==> flow/design.v <==
module add_core_rtl #(
    parameter DWIDTH = 96,
    parameter BS = 4
) (
    input  wire ck,
    input  wire [DWIDTH-1:0] u,
    input  wire [DWIDTH-1:0] v,
    input  wire ci,
    output wire [DWIDTH-1:0] o,
    output wire carry
);
    reg [DWIDTH-1:0] u_r;
    always @(posedge ck)
        u_r <= u;
    reg [DWIDTH-1:0] v_r;
    always @(posedge ck)
        v_r <= v;
    reg ci_r;
    always @(posedge ck)
        ci_r <= ci;
    localparam NB = DWIDTH / BS;
    wire [DWIDTH-1:0] val;
    wire [NB:0] cy;
    assign cy[0] = ci_r;
    genvar i;
    generate
        for (i = 0; i < NB; i = i + 1) begin : each
            wire [BS:0] s0 = u_r[i*BS +: BS] + v_r[i*BS +: BS];
            wire [BS:0] s1 = u_r[i*BS +: BS] + v_r[i*BS +: BS] + 1'b1;
            assign {cy[i+1], val[i*BS +: BS]} = cy[i] ? s1 : s0;
        end
    endgenerate
    assign o = val;
    assign carry = cy[NB];
endmodule
Reports on add_core_rtl
What the tools print for add_core_rtl, step after step.
Lines are those of the file above, counted from 1.
Operators: Yosys type, input widths -> output width; for muxes data width and select width s.
Library cell names are shortened.
{"block": "inputs", "design": "add_core_rtl", "clk_port": "ck", "library": "sky130hd", "lib_corner": "tt_025C_1v80"}

After elaboration
Counts by Yosys on the flattened word-level netlist (proc, flatten, opt, wreduce; memories kept). Register bits leave out memories and registers merged into their read ports (data or address); mux counts leave out enables and synchronous resets folded into registers. Print and check cells are left out. Cells with the same type and inputs are merged into one.
{"block": "word_totals", "reg_bits": 193, "input_bits": 194, "output_inout_bits": 97}
{"block": "op_classes", "add_sub_neg": 48, "mux": 24}
{"block": "op_table", "operator": "$add 4x4->5", "n": 24}
{"block": "op_table", "operator": "$add 5x1->5 const B", "n": 24}
{"block": "op_table", "operator": "$mux 5", "n": 24}

Longest topological paths
Longest topological path by Yosys (ltp), each cell counted once; first at word level (registers and memories cut), then after technology mapping (sequential cells cut; the memories' decode and read muxes count).
{"block": "logic_depth", "word_depth": 26, "ABC_AREA": 0, "ltp_mapped": 30, "ltp_nobuf": 30}

Synthesis result
Source: synth_stat.txt of the flow (Yosys; design flattened, memories mapped). It holds for the ABC_AREA given above (unset counts as 0); a run with the other value may have another netlist.
{"block": "by_type", "type": "dfxtp_1", "n": 193}
{"block": "by_type", "type": "ha_1", "n": 120}
{"block": "by_type", "type": "xnor2_1", "n": 85}
{"block": "by_type", "type": "xor2_1", "n": 58}
{"block": "by_type", "type": "fa_1", "n": 24}
{"block": "by_type", "type": "a21o_1", "n": 47}
{"block": "by_type", "type": "mux2_2", "n": 23}
{"block": "by_type", "type": "a21oi_1", "n": 49}
{"block": "by_type", "type": "mux2i_1", "n": 23}
{"block": "by_type", "type": "nand3b_1", "n": 17}
{"block": "by_type", "type": "nand4_1", "n": 19}
{"block": "by_type", "type": "nand2_1", "n": 30}
{"block": "by_type", "type": "nand3_1", "n": 18}
{"block": "by_type", "type": "nand4b_1", "n": 8}
{"block": "by_type", "type": "and2_1", "n": 6}
{"block": "by_type", "type": "and2_2", "n": 5}
{"block": "by_type", "type": "nor2_1", "n": 8}
{"block": "by_type", "type": "nand2b_1", "n": 4}
Not listed: further types 20, cells in them 23.
{"block": "mapped", "stdcells": 760, "mapped_area_um2": 9033.7, "ff_cells": 193, "buf_cells": 0}

Timing after synthesis
OpenSTA on the mapped netlist: ideal clock, no wires. The path of least setup slack (recovery checks aside). Input and output delay are each 20% of the period. Register names are those of the netlist, which keeps one name where synthesis merged equal registers.
{"block": "synth_timing", "kind": "register -> output", "from": "register u_r[0]", "to": "output port o[93]", "tclk_ps": 14300, "output_delay_ps": 2860, "t_arrival_ps": 9131, "slack_ps": 2309, "delay_ps": 9131, "driving_pins": 31, "path_buffers": 0, "synth_period_reached_ps": 11991}
"delay_ps" = arrival - input delay + setup time.
A path that ends at an output port has no setup time.
"driving_pins" counts driving pins, that of a launching flip-flop among them; a cell with two outputs on the path counts twice.
"synth_period_reached_ps" = period - worst setup slack (recovery checks aside). The figure is calculated, with input and output delays left at 20% of the set period.
The rows between start and end are the longest chain of elaborated cells between them; the timing report does not say that the signal goes this way. Where chains are equally long, one stands for them.
A line is the first line of the expression or statement that the cell stems from. Yosys adds cells for indexed reads and writes and turns some case tables into memories.
{"block": "synth_between", "path_cell_list": "dfxtp_1 ha_1 fa_1 ha_1 nand2_1 o21ai_0 a41oi_2 a211oi_2 mux2i_1 mux2i_1 mux2i_1 mux2i_1 mux2i_1 mux2i_1 mux2i_1 mux2i_1 mux2i_1 mux2i_1 mux2i_1 mux2i_1 mux2i_1 mux2i_1 mux2i_1 mux2i_1 mux2i_1 mux2i_1 mux2i_1 mux2i_1 mux2i_2 xnor2_1 mux2_1", "elab_chain_len": 26, "cone_cells": 26, "classes_between": "2 x add/sub; 24 x mux"}
{"block": "synth_lines", "item": "start: declaration", "line": 12, "rtl": "reg [DWIDTH-1:0] u_r;"}
{"block": "synth_lines", "item": "start: assignment", "line": 14, "rtl": "u_r <= u;"}
{"block": "synth_lines", "item": "$add 4x4->5", "line": 29, "rtl": "wire [BS:0] s1 = u_r[i*BS +: BS] + v_r[i*BS +: BS] + 1'b1;"}
{"block": "synth_lines", "item": "$add 5x1->5", "line": 29}
{"block": "synth_lines", "item": "$mux 5 x24", "line": 30, "rtl": "assign {cy[i+1], val[i*BS +: BS]} = cy[i] ? s1 : s0;"}
{"block": "synth_lines", "item": "end: declaration", "line": 9, "rtl": "output wire [DWIDTH-1:0] o,"}

Timing after layout
From the final timing report of run 1: the path of least setup slack in the routed layout; clock arrival at registers is part of the times.
The report prints the path's times to 10 ps; the period is as set.
{"block": "layout_timing", "kind": "register -> output", "from": "register u_r[0]", "to": "output port o[93]", "tclk_ps": 12000, "output_delay_ps": 2400, "t_arrival_ps": 10280, "slack_ps": -680, "driving_pins": 32, "path_buffers": 1}
The rows between start and end are the longest chain of elaborated cells between them; the timing report does not say that the signal goes this way. Where chains are equally long, one stands for them.
{"block": "layout_between", "path_cell_list": "dfxtp_1 ha_1 fa_1 ha_2 nand2_2 a2111o_1 a41oi_2 a211oi_4 mux2i_2 mux2i_2 mux2i_2 mux2i_2 mux2i_2 mux2i_2 mux2i_2 mux2i_2 mux2i_2 mux2i_2 mux2i_2 mux2i_2 mux2i_2 mux2i_2 mux2i_2 mux2i_2 mux2i_2 mux2i_2 mux2i_2 mux2i_2 mux2i_4 xnor2_1 mux2_1 dlygate4sd2_1", "elab_chain_len": 26, "cone_cells": 26, "classes_between": "2 x add/sub; 24 x mux"}
{"block": "layout_lines", "item": "start: declaration", "line": 12, "rtl": "reg [DWIDTH-1:0] u_r;"}
{"block": "layout_lines", "item": "start: assignment", "line": 14, "rtl": "u_r <= u;"}
{"block": "layout_lines", "item": "$add 4x4->5", "line": 29, "rtl": "wire [BS:0] s1 = u_r[i*BS +: BS] + v_r[i*BS +: BS] + 1'b1;"}
{"block": "layout_lines", "item": "$add 5x1->5", "line": 29}
{"block": "layout_lines", "item": "$mux 5 x24", "line": 30, "rtl": "assign {cy[i+1], val[i*BS +: BS]} = cy[i] ? s1 : s0;"}
{"block": "layout_lines", "item": "end: declaration", "line": 9, "rtl": "output wire [DWIDTH-1:0] o,"}

Lab notebook: add_core_rtl

Top module add_core_rtl; platform sky130hd; tools Yosys and OpenROAD; 3 stored runs in no particular order. Input and output delays are each 20% of the period that was set; the output load is 0.01 pF.
"achieved_period_ps": clock period set for the run, less the worst setup slack. It is reckoned from that one timing run; input and output delays stay at 20% of the period that was set.
"worstPathTime_ps": the worst setup path's part of the clock period (all of it between registers, 20% less for each end at a port) less its slack. A launch clock that arrives late makes it longer, a capture clock that arrives late makes it shorter.
By "final_power_uw" is meant OpenSTA's value without simulated activity: inputs other than the clock are taken to toggle once in ten clock periods, and the tool carries that through the logic.
"worstPathTime_ps" is known to 10 ps.

Run 1
==> flow/run.sh <==
#!/bin/bash
# the make line also repeats the synthesis and layout settings of config.mk as NAME=value (left out here)
make -C /OpenROAD-flow-scripts/flow DESIGN_CONFIG=/design/flow/config.mk WORK_HOME=/design/flow/orfs CLKGATE_MAP_FILE= finish
==> flow/config.mk <==
export PLATFORM = sky130hd
export DESIGN_NAME = add_core_rtl
export DESIGN_NICKNAME = add_core_rtl
export VERILOG_FILES = /design/flow/design.v
export SDC_FILE = /design/flow/constraint.sdc
export NUM_CORES = 4
export LEC_CHECK = 0
export CAP_MARGIN = 15
export CORE_ASPECT_RATIO = 1.05
export CORE_MARGIN = 2
export CORE_UTILIZATION = 50
export CTS_CLUSTER_SIZE = 94
export GPL_TIMING_DRIVEN = 0
export MAX_ROUTING_LAYER = met5
export PLACE_DENSITY_LB_ADDON = 0.22
export SETUP_SLACK_MARGIN = -0.81
export SLEW_MARGIN = 20
export TNS_END_PERCENT = 80
==> flow/constraint.sdc <==
create_clock -name core_clock -period 12.0 [get_ports {ck}]
set_input_delay 2.4000 -clock core_clock [delete_from_list [all_inputs] [get_ports {ck}]]
set_output_delay 2.4000 -clock core_clock [all_outputs]
set_load 0.01 [all_outputs]

==> results of run 1, as JSON <==
{
  "setup_tns_ps": -5811,
  "achieved_period_ps": 12684,
  "finish.utilization_pct": 74.0,
  "worstPathTime_ps": 10280,
  "path_kind": "register -> output",
  "design_die_area_um2": 19159.0,
  "final_setup_ws_ps": -684,
  "finalCellArea_um2": 13146.4,
  "final_power_uw": 1894,
  "holdWs_ps": 2401,
  "synthesis_area_um2": 9033.7
}

Run 2
==> flow/run.sh <==
#!/bin/bash
# the make line also repeats the synthesis and layout settings of config.mk as NAME=value (left out here)
make -C /OpenROAD-flow-scripts/flow DESIGN_CONFIG=/design/flow/config.mk WORK_HOME=/design/flow/orfs CLKGATE_MAP_FILE= finish
==> flow/config.mk <==
export PLATFORM = sky130hd
export DESIGN_NAME = add_core_rtl
export DESIGN_NICKNAME = add_core_rtl
export VERILOG_FILES = /design/flow/design.v
export SDC_FILE = /design/flow/constraint.sdc
export NUM_CORES = 4
export LEC_CHECK = 0
export CAP_MARGIN = 20
export CORE_MARGIN = 2
export CORE_UTILIZATION = 40
export SLEW_MARGIN = 20
==> flow/constraint.sdc <==
create_clock -name core_clock -period 14.3 [get_ports {ck}]
set_input_delay 2.8600 -clock core_clock [delete_from_list [all_inputs] [get_ports {ck}]]
set_output_delay 2.8600 -clock core_clock [all_outputs]
set_load 0.01 [all_outputs]

==> results of run 2, as JSON <==
{
  "setup_tns_ps": 0,
  "achieved_period_ps": 13716,
  "finish.utilization_pct": 58.7,
  "worstPathTime_ps": 10860,
  "path_kind": "register -> output",
  "design_die_area_um2": 23802.3,
  "final_setup_ws_ps": 584,
  "finalCellArea_um2": 12939.9,
  "final_power_uw": 1546,
  "holdWs_ps": 2865,
  "synthesis_area_um2": 9033.7
}

Run 3
==> flow/run.sh <==
#!/bin/bash
# the make line also repeats the synthesis and layout settings of config.mk as NAME=value (left out here)
make -C /OpenROAD-flow-scripts/flow DESIGN_CONFIG=/design/flow/config.mk WORK_HOME=/design/flow/orfs CLKGATE_MAP_FILE= finish
==> flow/config.mk <==
export PLATFORM = sky130hd
export DESIGN_NAME = add_core_rtl
export DESIGN_NICKNAME = add_core_rtl
export VERILOG_FILES = /design/flow/design.v
export SDC_FILE = /design/flow/constraint.sdc
export NUM_CORES = 4
export LEC_CHECK = 0
export CAP_MARGIN = 30
export CORE_MARGIN = 2
export CORE_UTILIZATION = 46
export CTS_CLUSTER_SIZE = 38
export GPL_TIMING_DRIVEN = 0
export HOLD_SLACK_MARGIN = 0.08
export PLACE_DENSITY_LB_ADDON = 0.12
export SETUP_SLACK_MARGIN = -0.01
export SLEW_MARGIN = 30
==> flow/constraint.sdc <==
create_clock -name core_clock -period 7.98 [get_ports {ck}]
set_input_delay 1.5960 -clock core_clock [delete_from_list [all_inputs] [get_ports {ck}]]
set_output_delay 1.5960 -clock core_clock [all_outputs]
set_load 0.01 [all_outputs]

==> results of run 3, as JSON <==
{
  "setup_tns_ps": -87950,
  "achieved_period_ps": 11426,
  "finish.utilization_pct": 70.3,
  "worstPathTime_ps": 9830,
  "path_kind": "register -> output",
  "design_die_area_um2": 20774.9,
  "final_setup_ws_ps": -3446,
  "finalCellArea_um2": 13596.8,
  "final_power_uw": 2895,
  "holdWs_ps": 1593,
  "synthesis_area_um2": 9033.7
}
